==> flow/design.v <==
module my_add_p #(
    parameter DW = 28,
    parameter INPUTS = 3,
    parameter SUM_W = DW + $clog2(INPUTS)
) (
    input logic core_clk,
    input logic rst_n,
    input logic ce,
    input logic [INPUTS*DW-1:0] bus,
    output logic [SUM_W-1:0] sum
);
    logic [SUM_W-1:0] work;
    always_comb begin
        work = '0;
        for (int idx = 0; idx < INPUTS; idx++)
            work = work + bus[idx*DW +: DW];
    end
    logic [SUM_W-1:0] sum_r;
    always_ff @(posedge core_clk or negedge rst_n) begin
        if (!rst_n) begin
            sum_r <= '0;
        end else if (ce) begin
            sum_r <= work;
        end
    end
    assign sum = sum_r;
endmodule
Tool chain data of my_add_p
What the tools print for my_add_p, step after step.
Line numbers count from 1 in the design file above.
Operators: Yosys type, input widths -> output width; for muxes data width and select width s.
Cell names lack the library's common part.
A cell with n/a has no value.

design
  top = my_add_p
  clock input = core_clk
  standard-cell library = sky130hd
  timing corner = tt_025C_1v80

Word level
Source: Yosys, flattened and elaborated, memories not mapped. Widths are those after wreduce; folded enables and synchronous resets count as part of the registers. Registers that Yosys merges into a memory's read port (data or address) are not register bits. Print and check cells do not count. Equal cells are merged and count once.

storage and ports
  bits in latches = 0
  output and inout bits = 30
  word width x clocked read ports = 0
  RAM bits = 0
  bits in registers = 30
  ROM bits = 0
  memories kept = 0
  input port bits = 87
  cells after elaboration = 3

cells by class
  add/subtract/negate cells = 2
  div/mod/pow operators = 0
  magnitude comparators = 0
  bitwise operators = 0
  equal/unequal tests = 0
  reduce/logical cells = 0
  shift-type cells = 0
  $mul = 0
  multiplexer cells = 0

operators by type and width
  operator        count
  $add 29x28->30  1
  $add 28x28->29  1

Longest topological paths
Yosys ltp: most cells in a row. Word level: on the elaborated netlist, between registers, memories and ports. Mapped: between sequential cells and ports; inverters and the memories' decode and read muxes count.

depth
  depth in word-level cells = 2
  ABC_AREA = 0
  gate-level depth with buffers = 11
  gate-level depth less buffers = 11

Synthesis result
The flow's flattened synthesis, as Yosys stat reports it; memories are mapped. The netlist is that of the ABC_AREA named above (0 if unset); the other value can give another one.
The area totals of this step are shown rounded.

cells by type
  cell type  count  total area (sq um)
  dfrtp_1    30     750.72
  fa_1       29     580.557
  ha_1       27     337.824
  mux2_2     17     191.434
  a21oi_1    36     180.173
  nand2_1    30     112.608
  nor2_1     24     90.086
  xnor2_1    10     87.584
  xor2_1     8      70.067
  o211ai_1   7      52.55
  o21a_1     7      52.55
  o21ai_0    10     50.048
  a21o_1     6      45.043
  nand4_1    7      43.792
  inv_1      10     37.536
  o31ai_1    5      37.536
  nor3_1     7      35.034
  a211oi_1   4      30.029

Other cell types: 30; their cells: 56.

mapped netlist
  sequential area = 751 sq um
  standard cells after synthesis = 330
  buffers = 6
  flip-flop cells = 30
  synthesis area = 3190 sq um

Path before layout
OpenSTA on the mapped netlist: ideal clock, no wires. The path of least setup slack (recovery checks aside). Input and output delay are each 20% of the period. Register names are those of the netlist, which keeps one name where synthesis merged equal registers.

timing after synthesis
  path type = input-to-reg
  start point = input port bus[1]
  end point = register sum_r[23]
  launch time at the first pin = 822 ps
  path slack = 659 ps
  external input delay = 822 ps
  data arrival time = 3325 ps
  setup time = 126 ps
  period = 4110 ps
  path delay = 2629 ps
  path buffers = 0
  data required time = 3984 ps
  stages = 9
  period reached after synthesis = 3451 ps

"path delay" = arrival - input delay + setup time.
"stages" counts driving pins, that of a launching flip-flop among them; a cell with two outputs on the path counts twice.
"period reached after synthesis" is the clock period less the worst setup slack; recovery checks do not enter. This is arithmetic on one report: input and output delays are still those of the set period (20% each).
The rows between start and end are the longest chain of elaborated cells between them; the timing report does not say that the signal goes this way. Where chains are equally long, one stands for them.
A line is the first line of the expression or statement that the cell stems from. Yosys adds cells for indexed reads and writes and turns some case tables into memories.

between the ends, after synthesis
  cell sequence = fa_1 > ha_1 > fa_1 > a21o_1 > a221o_1 > a211oi_2 > o21ai_2 > mux2_1 > a221o_1
  length of the longest elaborated chain = 2
  elaborated cells on any way between the ends = 2
  source lines of those cells = 1
  classes of those cells = 2 x add/sub

ends and longest elaborated chain, after synthesis
  element             line  RTL
  start: declaration  9     input logic [INPUTS*DW-1:0] bus,
  $add 28x28->29      16    work = work + bus[idx*DW +: DW];
  $add 29x28->30      16
  end: assignment     21    sum_r <= '0;
  end: assignment     23    sum_r <= work;
  end: declaration    18    logic [SUM_W-1:0] sum_r;

Path in the finished layout
Path of least setup slack in the final report of stored run 1 (OpenROAD, finished layout, wires in). Where an end is a register, its clock arrival counts in the times.
The path's times are printed in steps of 10 ps; the period is the one set.

timing post-layout
  path type = input-to-reg
  start point = input port bus[1]
  end point = register sum_r[23]
  path slack = 350 ps
  stages = 10
  data required time = 4290 ps
  data arrival time = 3940 ps
  external input delay = 820 ps
  path buffers = 1
  launch time at the first pin = 820 ps
  period = 4110 ps
  setup time = 110 ps

The rows between start and end are the longest chain of elaborated cells between them; the timing report does not say that the signal goes this way. Where chains are equally long, one stands for them.

between the ends, post-layout
  cell sequence = clkdlybuf4s50_1 > fa_1 > ha_1 > fa_1 > a21o_1 > a221o_1 > a211oi_2 > o21ai_2 > mux2_1 > a221o_1
  length of the longest elaborated chain = 2
  elaborated cells on any way between the ends = 2
  source lines of those cells = 1
  classes of those cells = 2 x add/sub

ends and longest elaborated chain, post-layout
  element             line  RTL
  start: declaration  9     input logic [INPUTS*DW-1:0] bus,
  $add 28x28->29      16    work = work + bus[idx*DW +: DW];
  $add 29x28->30      16
  end: assignment     21    sum_r <= '0;
  end: assignment     23    sum_r <= work;
  end: declaration    18    logic [SUM_W-1:0] sum_r;

Hand-over note for my_add_p

my_add_p through Yosys and OpenROAD on sky130hd: 3 stored runs, unordered, with their settings and measured results. The constraints put input and output delay at 20% of the set period each and load the outputs with 0.01 pF.
"clock period achieved" means the clock period less the worst setup slack. The figure is calculated, with input and output delays left at 20% of the set period.
"time of the worst setup path" is the time allowed to the run's worst setup path (the clock period less input and output delay, where it has them) less its slack. Clock arrival times count: a late capture clock shortens it, a late launch clock lengthens it.
"total power of the final layout" is the tool's figure for a default switching activity; nothing was simulated.
"time of the worst setup path" is given in steps of 10 ps.
The measured numbers are rounded.
A setting shown as - is not set for that run.
Among the results, - means that no value is shown for the run.

item                                                       stored run 1  stored run 2  stored run 3
period_ns                                                  4.11          4.22          3.28
CAP_MARGIN                                                 20            20            20
CORE_MARGIN                                                2             2             2
CORE_UTILIZATION                                           40            39            60
SLEW_MARGIN                                                20            20            25
PLACE_DENSITY_LB_ADDON                                     -             0.14          -
HOLD_SLACK_MARGIN                                          -             -0.01         -
CORE_ASPECT_RATIO                                          -             0.97          -
CTS_CLUSTER_DIAMETER                                       -             34            244
MIN_ROUTING_LAYER                                          -             met2          -
PLACE_DENSITY                                              -             -             0.72
TNS_END_PERCENT                                            -             -             40
GPL_TIMING_DRIVEN                                          -             -             0
worst setup slack after layout (ps)                        348           376           -
time of the worst setup path (ps)                          2940          3000          -
type of the worst setup path                               input-to-reg  input-to-reg  -
worst hold slack after layout (ps)                         491           501           -
clock period achieved (ps)                                 3762          3844          -
utilization after routing                                  0.593         0.576         -
area of the die (sq um)                                    8710          8920          -
summed negative setup slack (ps)                           0             0             -
total power of the final layout (W)                        0.00193       0.00188       -
area of the standard cells in the finished layout (sq um)  4580          4570          -
cell area after synthesis (sq um)                          3190          3190          -

Stored run 3: no final report: routing broke off with GRT-0232

End of note.
